==> flow/design.v <==
module regfile #(
  parameter integer NWORDS = 40,
  parameter integer NBITS = 48,
  parameter integer AWIDTH = $clog2(NWORDS)
) (
  input wire i_clk,
  input wire rst_ni,
  input wire we,
  input wire [AWIDTH-1:0] write_addr,
  input wire [NBITS-1:0] wd,
  input wire [AWIDTH-1:0] raddr_a,
  input wire [AWIDTH-1:0] raddr_b,
  output wire [NBITS-1:0] q_a,
  output wire [NBITS-1:0] q_b
);
  reg [NBITS-1:0] array [0:NWORDS-1];
  always @(posedge i_clk) begin
    if (we && write_addr != 0)
      array[write_addr] <= wd;
  end
  reg [NBITS-1:0] q_a_s;
  always @(posedge i_clk or negedge rst_ni) begin
    if (~rst_ni) begin
      q_a_s <= 0;
    end else begin
      q_a_s <= (raddr_a == 0) ? {NBITS{1'b0}} : array[raddr_a];
    end
  end
  assign q_a = q_a_s;
  reg [NBITS-1:0] q_b_s;
  always @(posedge i_clk or negedge rst_ni) begin
    if (~rst_ni) begin
      q_b_s <= 0;
    end else begin
      q_b_s <= (raddr_b == 0) ? {NBITS{1'b0}} : array[raddr_b];
    end
  end
  assign q_b = q_b_s;
endmodule
-- From RTL to reports: regfile
Tool output for the design above, in the order of the flow.
Line numbers count from 1 in the design file above.
Operators carry their Yosys type and port widths (W data, S select, Z words).
Cell names lack the library's common part.
A cell with n/a has no value.
- design top: regfile
- clock port: i_clk
- cell library: sky130hd
- library corner: tt_025C_1v80

-- Word-level counts
Yosys after proc, flatten, opt, wreduce and memory -nomap, before mapping. Enables and synchronous resets that opt folds into registers are not counted as muxes. Memory bits, and registers merged into a memory's read port (data or address), are not among the register bits. Print and check cells are not counted. Equal cells are merged and count once.
Memory sizes are those after Yosys's memory passes, which may raise the word count (mostly to a power of two), join words into wider ones and drop unused or constant bits.
- memory cells at 1
- bits in writable memories: 1920
- word width x clocked read ports: 0
- register bits at 96
- noted cells after elaboration: 12
- ROM bits: 0
- noted bits in latches: 0
- input bits at 69
- memory list (name ; words ; width ; rd ports ; write ports ; line ; RTL):
    array ; 40 ; 48 ; 2 ; 1 ; 16 ; reg [NBITS-1:0] array [0:NWORDS-1];
- divide/modulo/power cells at 0
- multipliers at 0
- noted shift-type cells: 0
- multiplexer cells: 5
- noted magnitude comparators: 0
- noted equal/unequal tests: 0
- bitwise gates (word level) at 0
- add/subtract/negate cells: 0
- reductions and logical operators at 4
- operators by type and width (kind ; number):
    $mux W48 ; 3
    $logic_not A6 Y1 ; 2
    $reduce_bool A6 Y1 ; 1
    $mux W6 ; 1
    $logic_and A1 B1 Y1 ; 1
    $mux W1 ; 1

-- Longest topological paths
Yosys ltp: most cells in a row. Word level: on the elaborated netlist, between registers, memories and ports. Mapped: between sequential cells and ports; inverters and the memories' decode and read muxes count.
- word-level depth at 3
- ABC_AREA at 0
- noted depth in mapped cells: 9
- depth with buffers taken out: 5

-- Synthesis result
Yosys stat after the flow's synthesis: flattened, memories mapped to cells. It holds for the ABC_AREA given above (unset counts as 0); a run with the other value may have another netlist.
The area totals of this step are shown rounded.
- mapped cells at 5460
- sequential part of the area: 60060 um^2
- flip-flop cells at 2016
- noted buffer cells: 430
- noted mapped area: 92470 um^2
- cells by type (cell ; number ; area in all (um^2)):
    edfxtp_1 ; 1920 ; 5.77E+04
    mux2i_1 ; 1027 ; 1.03E+04
    mux4_2 ; 384 ; 8.65E+03
    mux2_2 ; 317 ; 3.57E+03
    a22oi_1 ; 432 ; 3243.11
    dfrtp_1 ; 96 ; 2.4E+03
    nand3_1 ; 197 ; 985.946
    buf_2 ; 172 ; 860.826
    a21oi_1 ; 144 ; 720.691
    clkbuf_1 ; 176 ; 660.634
    a31oi_1 ; 96 ; 600.576
    o22ai_1 ; 96 ; 600.576
    nor2_1 ; 113 ; 424.157
    a41oi_1 ; 48 ; 420.403
    buf_4 ; 44 ; 330.317
    nand2_1 ; 83 ; 311.549
    nor3_1 ; 50 ; 250.24
    buf_6 ; 12 ; 135.13
Other cell types: 14; their cells: 53.

-- Path before layout
Source: OpenSTA report_checks on the synthesized netlist (no wires, ideal clock, input and output delay 20% of the period each), path of least setup slack; recovery checks are left aside. Register names are those of the netlist, which keeps one name where synthesis merged equal registers.
- path type: input-to-reg
- from: input write_addr[5]
- to: memory array[15][0]
- noted period: 4.89 ns
- slack: 0.783 ns
- external input delay at 0.978 ns
- time at the first pin at 0.978 ns
- buffers on the path at 1
- data arrival time at 3.653 ns
- path delay: 3.129 ns
- required time at 4.436 ns
- driving pins on the path at 3
- synthesis period reached: 4.107 ns
"path delay" is the arrival time less input delay plus setup time.
"driving pins on the path": output pins that drive a net of the path, with the launching flip-flop's if there is one; two outputs of one cell count as two.
"synthesis period reached" = period - worst setup slack (recovery checks aside). The figure is calculated, with input and output delays left at 20% of the set period.
The rows between start and end are the longest chain of elaborated cells between them; the timing report does not say that the signal goes this way. Where chains are equally long, one stands for them.
Each line given opens the expression or statement behind the cell; cells for indexed reads and writes are added by Yosys, which also makes memories of some case tables.
Only ways into the end's enable, where the timed path ends, are counted here.
- path through: or3b_2 clkbuf_1 nor2_1
- cells in the longest elaborated chain: 3
- elaborated cells between the ends (all ways) at 4
- source lines of those cells: 1
- classes of those cells: 2 x mux; 2 x reduce/logical
- ends and longest elaborated chain, post-synthesis (what ; line ; RTL):
    start: declaration ; 9 ; input wire [AWIDTH-1:0] write_addr,
    $reduce_bool A6 Y1 ; 18 ; if (we && write_addr != 0)
    $logic_and A1 B1 Y1 ; 18 ;
    $mux W6 ; 18 ;
    end: declaration ; 16 ; reg [NBITS-1:0] array [0:NWORDS-1];

-- Worst path after layout
Path of least setup slack in the final report of run 2 (OpenROAD, finished layout, wires in). Where an end is a register, its clock arrival counts in the times.
- path type: reg-to-output
- from: register q_a_s[22]
- to: output q_a[22]
- noted period: 4.89 ns
- data arrival time at 2.23 ns
- buffers on the path at 1
- required time at 3.91 ns
- noted output delay: 0.98 ns
- slack: 1.69 ns
- driving pins on the path at 2
- time at the first pin at 0.86 ns
- path through: dfrtp_1 clkdlybuf4s50_1
- cells in the longest elaborated chain: 0
- elaborated cells between the ends (all ways) at 0
- source lines of those cells: 0
- ends and longest elaborated chain, after layout (what ; line ; RTL):
    start: declaration ; 21 ; reg [NBITS-1:0] q_a_s;
    start: assignment ; 24 ; q_a_s <= 0;
    start: assignment ; 26 ; q_a_s <= (raddr_a == 0) ? {NBITS{1'b0}} : array[raddr_a];
    end: declaration ; 13 ; output wire [NBITS-1:0] q_a,

Hand-over note for regfile

Module regfile, platform sky130hd: 2 stored runs of the flow (Yosys, OpenROAD) with differing settings, in no particular order. Input and output delays are each 20% of the period that was set; the output load is 0.01 pF.
"worst path time" = time allowed to the worst setup path (clock period - input delay - output delay, where it has them) - its slack; a late launch clock adds to it, a late capture clock takes from it.
By "power consumption" is meant OpenSTA's value without simulated activity: inputs other than the clock are taken to toggle once in ten clock periods, and the tool carries that through the logic.
The results are shown rounded.

Run 1

==> flow/run.sh <==
#!/bin/bash
# the make line also repeats the synthesis and layout settings of config.mk as NAME=value (left out here)
make -C /OpenROAD-flow-scripts/flow DESIGN_CONFIG=/design/flow/config.mk WORK_HOME=/design/flow/orfs CLKGATE_MAP_FILE= finish
==> flow/config.mk <==
export PLATFORM = sky130hd
export DESIGN_NAME = regfile
export DESIGN_NICKNAME = regfile
export VERILOG_FILES = /design/flow/design.v
export SDC_FILE = /design/flow/constraint.sdc
export NUM_CORES = 4
export LEC_CHECK = 0
export ABC_AREA = 1
export CAP_MARGIN = 20
export CELL_PAD_IN_SITES_GLOBAL_PLACEMENT = 2
export CORE_ASPECT_RATIO = 0.68
export CORE_MARGIN = 9
export CORE_UTILIZATION = 68
export GPL_ROUTABILITY_DRIVEN = 0
export GPL_TIMING_DRIVEN = 0
export PLACE_DENSITY_LB_ADDON = 0.07
export SETUP_SLACK_MARGIN = -0.0
export SLEW_MARGIN = 0
==> flow/constraint.sdc <==
create_clock -name core_clock -period 7.58 [get_ports {i_clk}]
set_input_delay 1.5160 -clock core_clock [delete_from_list [all_inputs] [get_ports {i_clk}]]
set_output_delay 1.5160 -clock core_clock [all_outputs]
set_load 0.01 [all_outputs]

Run 1: stopped before the end: placement reported FLW-0024.

Run 2

==> flow/run.sh <==
#!/bin/bash
# the make line also repeats the synthesis and layout settings of config.mk as NAME=value (left out here)
make -C /OpenROAD-flow-scripts/flow DESIGN_CONFIG=/design/flow/config.mk WORK_HOME=/design/flow/orfs CLKGATE_MAP_FILE= finish
==> flow/config.mk <==
export PLATFORM = sky130hd
export DESIGN_NAME = regfile
export DESIGN_NICKNAME = regfile
export VERILOG_FILES = /design/flow/design.v
export SDC_FILE = /design/flow/constraint.sdc
export NUM_CORES = 4
export LEC_CHECK = 0
export CAP_MARGIN = 20
export CORE_MARGIN = 2
export CORE_UTILIZATION = 40
export SLEW_MARGIN = 20
==> flow/constraint.sdc <==
create_clock -name core_clock -period 4.89 [get_ports {i_clk}]
set_input_delay 0.9780 -clock core_clock [delete_from_list [all_inputs] [get_ports {i_clk}]]
set_output_delay 0.9780 -clock core_clock [all_outputs]
set_load 0.01 [all_outputs]

Measured in run 2:
- netlist area reported by Yosys at 92470 um^2
- die outline area: 235000 um^2
- standard-cell area after layout at 105800 um^2
- worst slack on setup checks: 1.687 ns
- power consumption: 0.03891 W
- worst path time at 2.23 ns
- class of the worst setup path: reg-to-output

End of note.
